==> flow/design.v <==
module cpu_mul_core #(
    parameter integer DW = 22
) (
    input logic ck,
    input logic rst_n,
    input logic adv,
    input logic [DW-1:0] opa,
    input logic [DW-1:0] opb,
    output logic [2*DW-1:0] q
);
    always_ff @(posedge ck or negedge rst_n) begin
        if (~rst_n) begin
            q <= 0;
        end else if (adv) begin
            q <= opa * opb;
        end
    end
endmodule
# From RTL to reports: cpu_mul_core
# The steps from the RTL of cpu_mul_core to its reports follow in flow order.
# Line numbers count from 1 in the design file above.
# Cell names lack the library's common part.
# Not given: -
# inputs
design,cpu_mul_core
clock_port,ck
library,sky130hd
corner,tt_025C_1v80

# Elaborated design
# Source: Yosys, flattened and elaborated, memories not mapped. Widths are those after wreduce; folded enables and synchronous resets count as part of the registers. Registers that Yosys merges into a memory's read port (data or address) are not register bits. Print and check cells do not count. Equal cells are merged and count once.
# bits
register_bits,44
inputBits,47
output_inout_bits,44
word_cells,2
# op_classes
mul,1
# op_table
cell,count
multiplier 22 x 22 -> 44 bit,1

# Longest topological paths
# Yosys ltp: most cells in a row. Word level: on the elaborated netlist, between registers, memories and ports. Mapped: between sequential cells and ports; inverters and the memories' decode and read muxes count.
# logic_depth
ltp_word,1
ABC_AREA,0
depth_mapped,24
mapped_depth_nobuf,21

# Synthesis result
# The flow's flattened synthesis, as Yosys stat reports it; memories are mapped. The netlist is that of the ABC_AREA named above (0 if unset); the other value can give another one.
# types
type,count,type_area_um2
fa_1,397,7.95E+03
ha_1,159,1.99E+03
inv_1,380,1.43E+03
and2_1,222,1.39E+03
nand2_1,312,1.17E+03
dfrtp_1,44,1.1E+03
clkbuf_1,103,386.621
a21oi_1,58,290.278
mux2_2,25,281.52
o21ai_0,32,160.154
a21o_1,21,157.651
xnor2_1,17,148.893
nor2_1,37,138.883
xor2_1,12,105.101
nand4_1,16,100.096
nand3_1,16,80.077
o211ai_1,8,60.058
o21a_1,7,52.55
# Not listed: further types 40, cells in them 98.
# mapped
stdcells,1964
yosys_area_um2,17687.0
seq_area_um2,1101.1
ff_cells,44
n_buf,116

# Timing after synthesis
# OpenSTA on the mapped netlist: ideal clock, no wires. The path of least setup slack (recovery checks aside). Input and output delay are each 20% of the period. Register names are those of the netlist, which keeps one name where synthesis merged equal registers.
# synth_timing
path_type,input to register
from,input port opa[15]
to,register q[27]
period_ps,9060
in_delay_ps,1812
setup_time_ps,125
t_first_pin_ps,1812
arrival_time_ps,7485
required_time_ps,8935
slack_ps,1451
path_delay_ps,5798
stages,22
path_buffers,2
synth_period_reached_ps,7609
# "path_delay_ps" is the arrival time less input delay plus setup time.
# "stages": output pins that drive a net of the path, with the launching flip-flop's if there is one; two outputs of one cell count as two.
# "synth_period_reached_ps" is the clock period less the worst setup slack; recovery checks do not enter. This is arithmetic on one report: input and output delays are still those of the set period (20% each).
# The rows between start and end are the longest chain of elaborated cells between them; the timing report does not say that the signal goes this way. Where chains are equally long, one stands for them.
# Each line given opens the expression or statement behind the cell; cells for indexed reads and writes are added by Yosys, which also makes memories of some case tables.
# synth_between
cell_sequence,clkbuf_1 > and2_1 > fa_1 > inv_1 > fa_1 > inv_1 > fa_1 > inv_1 > fa_1 > fa_1 > fa_1 > fa_1 > inv_1 > ha_1 > nand2_1 > nor2_2 > or4b_1 > a21o_1 > and2_4 > buf_6 > xnor2_1 > mux2_2
elab_chain_cells,1
cone_cells,1
lines_between,1
classes_between,mul (1)
# synth_rtl
item,line_no,text
from (decl),7,"input logic [DW-1:0] opa,"
multiplier 22 x 22 -> 44 bit,15,q <= opa * opb;
to (assign),13,q <= 0;
to (assign),15,
to (decl),9,output logic [2*DW-1:0] q

# Worst path after layout
# From the final timing report of job 1: the path of least setup slack in the routed layout; clock arrival at registers is part of the times.
# The report prints the path's times to 10 ps; the period is as set.
# layout_timing
path_type,input to register
from,input port opb[7]
to,register q[26]
period_ps,13100
in_delay_ps,2620
setup_time_ps,110
t_first_pin_ps,2620
arrival_time_ps,10080
required_time_ps,13270
slack_ps,3190
stages,19
path_buffers,1
# The rows between start and end are the longest chain of elaborated cells between them; the timing report does not say that the signal goes this way. Where chains are equally long, one stands for them.
# layout_between
cell_sequence,clkdlybuf4s50_1 > and2_1 > fa_1 > inv_1 > fa_1 > fa_1 > fa_1 > inv_1 > fa_1 > fa_1 > fa_1 > ha_1 > a21oi_1 > o21ai_0 > a22oi_1 > nand3_1 > a21oi_2 > xnor2_1 > mux2_2
elab_chain_cells,1
cone_cells,1
lines_between,1
classes_between,mul (1)
# layout_rtl
item,line_no,text
from (decl),8,"input logic [DW-1:0] opb,"
multiplier 22 x 22 -> 44 bit,15,q <= opa * opb;
to (assign),13,q <= 0;
to (assign),15,
to (decl),9,output logic [2*DW-1:0] q

# cpu_mul_core through Yosys and OpenROAD on sky130hd: 3 stored runs, unordered, with their settings and measured results. The constraints put input and output delay at 20% of the set period each and load the outputs with 0.01 pF.
# "clock_period_reached_ps" = clock period - worst setup slack. The figure is calculated, with input and output delays left at 20% of the set period.
# "worst_path_allowed_less_slack_ps" is the time allowed to the run's worst setup path (the clock period less input and output delay, where it has them) less its slack. Clock arrival times count: a late capture clock shortens it, a late launch clock lengthens it.
# "worst_path_allowed_less_slack_ps" is given in steps of 10 ps.
# Settings: -- = not set for that run.
# Among the results, -- means that no value is shown for the run.
run name,period_ns,CORE_UTILIZATION,SETUP_SLACK_MARGIN,CELL_PAD_IN_SITES_GLOBAL_PLACEMENT,TNS_END_PERCENT,CTS_CLUSTER_SIZE,MIN_ROUTING_LAYER,MAX_ROUTING_LAYER,CAP_MARGIN,CORE_MARGIN,SLEW_MARGIN,PLACE_DENSITY,CORE_ASPECT_RATIO,CELL_PAD_IN_SITES_DETAIL_PLACEMENT,GPL_ROUTABILITY_DRIVEN,CTS_CLUSTER_DIAMETER,synth_chip_area_um2,die_um2,fin_util_frac,worst_setup_slack_ps,tns_setup_ps,ws_hold_ps,clock_period_reached_ps,worst_path_allowed_less_slack_ps,critical_path_type
job 1,13.1,45,-0.43,0,35,52,met2,met5,20,2,20,--,--,--,--,--,17687.0,40907.1,0.491,3190,0,501,9910,7290,input to register
job 2,7.17,66,-0.35,--,--,79,--,--,20,2,0,0.72,1.14,1,0,328,--,--,--,--,--,--,--,--,--
job 3,9.06,40,--,--,--,--,--,--,20,2,20,--,--,--,--,--,17687.0,45915.9,0.442,498,0,501,8562,6750,input to register
# Job 2: no results, placement failed with DPL-0033
